==> flow/design.v <==
module diff_unit_v2 #(
  parameter DATA_W = 16
) (
  input  wire core_clk,
  input  wire [DATA_W-1:0] i_src1,
  input  wire i_dir,
  input  wire i_load,
  output wire [DATA_W-1:0] o_out
);
  reg [DATA_W-1:0] acc;
  always @(posedge core_clk) begin
    acc <= i_load ? i_src1 : i_dir ? acc - i_src1 : acc + i_src1;
  end
  assign o_out = acc;
endmodule
### From RTL to reports: diff_unit_v2

Tool output for the design above, in the order of the flow.
Lines are those of the file above, counted from 1.
Library cell names are shortened.
The mark - stands for no value.

| inputs | value |
|---|---|
| top module | diff_unit_v2 |
| clock | core_clk |
| cell library | sky130hd |
| timing corner | tt_025C_1v80 |

### Word level

Source: Yosys, flattened and elaborated, memories not mapped. Widths are those after wreduce; folded enables and synchronous resets count as part of the registers. Registers that Yosys merges into a memory's read port (data or address) are not register bits. Print and check cells do not count. Equal cells are merged and count once.

| cells by class | value |
|---|---|
| add/sub/neg operators | 2 |
| multipliers | 0 |
| div/mod/pow operators | 0 |
| order comparisons | 0 |
| equality and inequality tests | 0 |
| shift operators | 0 |
| mux-type cells | 2 |
| bitwise logic cells | 0 |
| reduce/logical cells | 0 |

Operators with widths:

| kind | count |
|---|---|
| 2-to-1 mux 16 bit | 2 |
| adder 16 bit | 1 |
| subtractor 16 bit | 1 |

| word-level totals | value |
|---|---|
| bits in registers | 16 |
| latch bits | 0 |
| bits in writable memories | 0 |
| bits in read-only memories | 0 |
| word width x clocked read ports | 0 |
| memories | 0 |
| bits of input ports | 19 |
| output and inout port bits | 16 |

### Logic depth

Longest topological path by Yosys (ltp), each cell counted once; first at word level (registers and memories cut), then after technology mapping (sequential cells cut; the memories' decode and read muxes count).

| logic depth | value |
|---|---|
| depth after elaboration | 3 |
| ABC_AREA | 0 |
| depth in mapped cells | 14 |

### Netlist

The flow's flattened synthesis, as Yosys stat reports it; memories are mapped. The netlist is that of the ABC_AREA named above (0 if unset); the other value can give another one.
The area totals of this step are shown rounded.

| mapped netlist | value |
|---|---|
| standard cells after synthesis | 197 |
| chip area (Yosys) | 1580 um^2 |
| sequential area | 320 um^2 |
| mapped flip-flops | 16 |
| buffer cells | 5 |

Cells by type:

| cell type | count | total area (um^2) |
|---|---|---|
| dfxtp_1 | 16 | 320.307 |
| ha_1 | 16 | 200.192 |
| xnor2_1 | 17 | 148.893 |
| nor2_1 | 25 | 93.84 |
| o21ai_0 | 13 | 65.062 |
| a21oi_1 | 11 | 55.053 |
| nand2_1 | 14 | 52.55 |
| a21o_1 | 6 | 45.043 |
| xor2_1 | 5 | 43.792 |
| mux2_2 | 3 | 33.782 |
| nor4_1 | 5 | 31.28 |
| o21a_1 | 4 | 30.029 |
| o31ai_1 | 4 | 30.029 |
| inv_1 | 6 | 22.522 |
| mux4_2 | 1 | 22.522 |
| fa_1 | 1 | 20.019 |
| mux2i_1 | 2 | 20.019 |
| nor3_1 | 4 | 20.019 |

Other cell types: 28; their cells: 44.

### Path before layout

OpenSTA on the mapped netlist: ideal clock, no wires. The path of least setup slack (recovery checks aside). Input and output delay are each 20% of the period. Register names are those of the netlist, which keeps one name where synthesis merged equal registers.

| timing path post-synthesis | value |
|---|---|
| path kind | input -> register |
| from | input port i_src1[4] |
| to | register acc[15] |
| period | 4.83 ns |
| input delay | 0.966 ns |
| library setup time | 0.124 ns |
| time at the first pin | 0.966 ns |
| arrival | 3.931 ns |
| required time | 4.706 ns |
| slack | 0.775 ns |
| path delay | 3.089 ns |
| stages on the path | 12 |
| buffers on the path | 0 |
| synthesis period reached | 4.055 ns |

"path delay" is the arrival time less input delay plus setup time.
"stages on the path": output pins that drive a net of the path, with the launching flip-flop's if there is one; two outputs of one cell count as two.
"synthesis period reached" is the clock period less the worst setup slack; recovery checks do not enter. This is arithmetic on one report: input and output delays are still those of the set period (20% each).
Between the ends stands the longest chain of elaborated cells between them, by number of cells; it is not shown to be the way that was timed. Of several equally long chains one is given.
Each line given opens the expression or statement behind the cell; cells for indexed reads and writes are added by Yosys, which also makes memories of some case tables.

| on the way, post-synthesis | value |
|---|---|
| path through | or3_1 or3_1 nor4_2 a21oi_1 xnor2_1 ha_1 a21o_1 a21o_1 a221o_1 a21oi_2 mux4_2 a2111o_1 |
| cells in the longest elaborated chain | 3 |

RTL lines, path post-synthesis:

| what | line | text |
|---|---|---|
| start, declared | 5 | `input  wire [DATA_W-1:0] i_src1,` |
| adder 16 bit | 12 | `acc <= i_load ? i_src1 : i_dir ? acc - i_src1 : acc + i_src1;` |
| 2-to-1 mux 16 bit (2 in a row) | 12 |  |
| end, assigned | 12 |  |
| end, declared | 10 | `reg [DATA_W-1:0] acc;` |

### Worst path after layout

Path of least setup slack in the final report of run A (OpenROAD, finished layout, wires in). Where an end is a register, its clock arrival counts in the times.

| timing path post-layout | value |
|---|---|
| path kind | input -> register |
| from | input port i_src1[4] |
| to | register acc[15] |
| period | 2.61 ns |
| input delay | 0.52 ns |
| library setup time | 0.05 ns |
| time at the first pin | 0.52 ns |
| arrival | 3.94 ns |
| required time | 2.87 ns |
| slack | -1.07 ns |
| stages on the path | 16 |
| buffers on the path | 5 |

Between the ends stands the longest chain of elaborated cells between them, by number of cells; it is not shown to be the way that was timed. Of several equally long chains one is given.

| on the way, post-layout | value |
|---|---|
| path through | buf_6 or3_4 or3_4 nor4_4 buf_4 a21oi_2 xnor2_1 ha_1 and4_1 nor2b_1 a21oi_2 buf_4 buf_4 buf_4 nor4_1 a2111o_1 |
| cells in the longest elaborated chain | 3 |

RTL lines, path post-layout:

| what | line | text |
|---|---|---|
| start, declared | 5 | `input  wire [DATA_W-1:0] i_src1,` |
| adder 16 bit | 12 | `acc <= i_load ? i_src1 : i_dir ? acc - i_src1 : acc + i_src1;` |
| 2-to-1 mux 16 bit (2 in a row) | 12 |  |
| end, assigned | 12 |  |
| end, declared | 10 | `reg [DATA_W-1:0] acc;` |

Hand-over note for diff_unit_v2

Measured data: module diff_unit_v2, platform sky130hd, 2 stored runs of the flow under differing settings, order arbitrary. Input and output delays are each 20% of the period that was set; the output load is 0.01 pF.
"clock period achieved" is the run's clock period less its worst setup slack. It is reckoned from that one timing run; input and output delays stay at 20% of the period that was set.
"critical setup path time" means the part of the period allowed to the worst setup path (the constraints hold back 20% at inputs and 20% at outputs) less its slack; where the path has registers, the arrival times of their clocks count too.
"overall power": no workload was simulated; the value follows from the tool's default switching activity.
The measured numbers are rounded.
Settings: n/a = not set for that run.

| stored run | period_ns | CORE_UTILIZATION | CORE_MARGIN | CELL_PAD_IN_SITES_GLOBAL_PLACEMENT | GPL_ROUTABILITY_DRIVEN | CTS_CLUSTER_SIZE | CTS_CLUSTER_DIAMETER | CAP_MARGIN | SLEW_MARGIN | critical setup path time (ns) | worst setup path type | netlist area reported by Yosys (um^2) | worst hold slack in the final report (ns) | clock period achieved (ns) | overall power (uW) | final setup TNS (ns) | setup slack of the worst path (ns) | post-layout utilization | area inside the die boundary (um^2) | standard-cell area after layout (um^2) |
|---|---|---|---|---|---|---|---|---|---|---|---|---|---|---|---|---|---|---|---|---|
| run A | 2.61 | 49 | 9 | 0 | 1 | 45 | 142 | 0 | 20 | 3.16 | input -> register | 1580 | 0.567 | 3.681 | 3090 | -4.15 | -1.07 | 0.954 | 5590 | 2910 |
| run B | 4.83 | 40 | 2 | n/a | n/a | n/a | n/a | 20 | 20 | 3.52 | input -> register | 1580 | 0.619 | 4.485 | 1090 | 0.000 | 0.345 | 0.551 | 4470 | 2050 |

End of note.
